==> flow/design.v <==
module comparator_blk #(
    parameter integer W = 112
) (
    input  logic sys_clk,
    input  logic [W-1:0] i_A,
    input  logic [W-1:0] i_B,
    output logic o_is_eq
);
    logic [W-1:0] r_A;
    always_ff @(posedge sys_clk) begin
        r_A <= i_A;
    end
    logic [W-1:0] r_B;
    always_ff @(posedge sys_clk) begin
        r_B <= i_B;
    end
    logic [W-1:0] nxt;
    assign nxt = r_A ^ r_B;
    always_ff @(posedge sys_clk) begin
        o_is_eq <= (nxt == 0);
    end
endmodule
* Step by step through the tools: comparator_blk *
The steps from the RTL of comparator_blk to its reports follow in flow order.
Line numbers count from 1 in the design file above.
Cell names lack the library's common part.
A cell with n/a has no value.

set-up
  design top = comparator_blk
  clock input = sys_clk
  library = sky130hd
  timing corner = tt_025C_1v80

* After elaboration *
Counts by Yosys on the flattened word-level netlist (proc, flatten, opt, wreduce; memories kept). Register bits leave out memories and registers merged into their read ports (data or address); mux counts leave out enables and synchronous resets folded into registers. Print and check cells are left out. Cells with the same type and inputs are merged into one.

word-level totals
  cells after elaboration = 5
  register bits = 225

cells by class
  reduce/logical cells = 1
  bitwise operators = 1

operators with widths
  operator             number
  XOR 112 bit          1
  logical NOT 112 bit  1

* Longest topological paths *
Longest topological path by Yosys (ltp), each cell counted once; first at word level (registers and memories cut), then after technology mapping (sequential cells cut; the memories' decode and read muxes count).

depth
  depth in word-level cells = 2
  ABC_AREA = 0
  depth in mapped cells = 5

* Mapped cells and area *
Yosys stat after the flow's synthesis: flattened, memories mapped to cells. It holds for the ABC_AREA given above (unset counts as 0); a run with the other value may have another netlist.
Totals and module areas in this step are rounded.

synthesis totals
  sequential area = 4504 µm²
  mapped cells = 374
  flip-flop cells = 225
  chip area (Yosys) = 5748 µm²

cells by type
  cell     number  total area (µm²)
  dfxtp_1  225     4504.32
  xnor2_1  64      560.538
  xor2_1   48      420.403
  nand4_1  20      125.12
  nor4_1   12      75.072
  nor4_2   5       62.56

* Timing after synthesis *
OpenSTA on the mapped netlist: ideal clock, no wires. The path of least setup slack (recovery checks aside). Input and output delay are each 20% of the period. Register names are those of the netlist, which keeps one name where synthesis merged equal registers.

path post-synthesis
  path kind = flip-flop to flip-flop
  start = register r_B[70]
  end = register o_is_eq
  data required time = 1352 ps
  period = 1440 ps
  launch time at the first pin = 0 ps
  stages on the path = 5
  buffers on the path = 0
  arrival time = 1060 ps
  setup slack = 292 ps
  path delay = 1148 ps
  period reached after synthesis = 1148 ps

"path delay" is the arrival time less input delay plus setup time.
"stages on the path": output pins that drive a net of the path, with the launching flip-flop's if there is one; two outputs of one cell count as two.
"period reached after synthesis" = period - worst setup slack (recovery checks aside). The figure is calculated, with input and output delays left at 20% of the set period.
Between the ends stands the longest chain of elaborated cells between them, by number of cells; it is not shown to be the way that was timed. Of several equally long chains one is given.
Each line given opens the expression or statement behind the cell; cells for indexed reads and writes are added by Yosys, which also makes memories of some case tables.

between the ends, post-synthesis
  path through = dfxtp_1 > xor2_1 > nor4_2 > nand4_1 > nor4_2
  cells in the longest elaborated chain = 2
  elaborated cells on any way between the ends = 2
  source lines of those cells = 2

RTL lines, path post-synthesis
  what                 RTL line  RTL
  from (decl)          13        logic [W-1:0] r_B;
  from (assign)        15        r_B <= i_B;
  XOR 112 bit          18        assign nxt = r_A ^ r_B;
  logical NOT 112 bit  20        o_is_eq <= (nxt == 0);
  to (assign)          20
  to (decl)            7         output logic o_is_eq

* Worst path after layout *
Path of least setup slack in the final report of flow run 1 (OpenROAD, finished layout, wires in). Where an end is a register, its clock arrival counts in the times.
The path's times are printed in steps of 10 ps; the period is the one set.

path post-layout
  path kind = flip-flop to flip-flop
  start = register r_B[6]
  end = register o_is_eq
  setup slack = -110 ps
  launch time at the first pin = 490 ps
  buffers on the path = 0
  stages on the path = 6
  period = 1440 ps
  data required time = 1840 ps
  arrival time = 1940 ps

Between the ends stands the longest chain of elaborated cells between them, by number of cells; it is not shown to be the way that was timed. Of several equally long chains one is given.

between the ends, post-layout
  path through = dfxtp_1 > xnor2_1 > nand4_1 > nor4_1 > nand4_1 > nor4_2
  cells in the longest elaborated chain = 2
  elaborated cells on any way between the ends = 2
  source lines of those cells = 2

RTL lines, path post-layout
  what                 RTL line  RTL
  from (decl)          13        logic [W-1:0] r_B;
  from (assign)        15        r_B <= i_B;
  XOR 112 bit          18        assign nxt = r_A ^ r_B;
  logical NOT 112 bit  20        o_is_eq <= (nxt == 0);
  to (assign)          20
  to (decl)            7         output logic o_is_eq

Add stored flow runs of comparator_blk

Measured results for comparator_blk: 3 stored runs of the Yosys and OpenROAD flow on sky130hd. The settings differ; the order carries no meaning. The constraints put input and output delay at 20% of the set period each and load the outputs with 0.01 pF.
"time of the worst setup path" means the part of the period allowed to the worst setup path (the constraints hold back 20% at inputs and 20% at outputs) less its slack; where the path has registers, the arrival times of their clocks count too.
"power consumption" rests on the timing tool's default activity at the inputs, not on a simulated workload.
"time of the worst setup path" is known to 10 ps.
Results are given in rounded form.
Settings: n/a = not set for that run.
Results: n/a = not shown.

name                                 flow run 1              flow run 2              flow run 3
period_ns                            1.44                    0.801                   0.714
CAP_MARGIN                           20                      20                      20
CORE_MARGIN                          2                       2                       8
CORE_UTILIZATION                     40                      56                      72
SLEW_MARGIN                          20                      20                      0
PLACE_DENSITY_LB_ADDON               n/a                     0.16                    0.15
TNS_END_PERCENT                      n/a                     30                      n/a
SETUP_SLACK_MARGIN                   n/a                     n/a                     -0.01
HOLD_SLACK_MARGIN                    n/a                     n/a                     0.24
CELL_PAD_IN_SITES_GLOBAL_PLACEMENT   n/a                     n/a                     0
ABC_AREA                             n/a                     n/a                     0
CTS_CLUSTER_SIZE                     n/a                     n/a                     52
MIN_ROUTING_LAYER                    n/a                     n/a                     met1
cell area after synthesis (µm²)      5748                    5748                    n/a
die footprint (µm²)                  15340                   11090                   n/a
final design utilization (%)         64.3                    90.1                    n/a
worst setup slack after layout (ps)  -106                    -836                    n/a
power consumption (µW)               13060                   23260                   n/a
time of the worst setup path (ps)    1550                    1640                    n/a
kind of the worst setup path         flip-flop to flip-flop  flip-flop to flip-flop  n/a

Flow run 3: no final report: placement broke off with FLW-0024
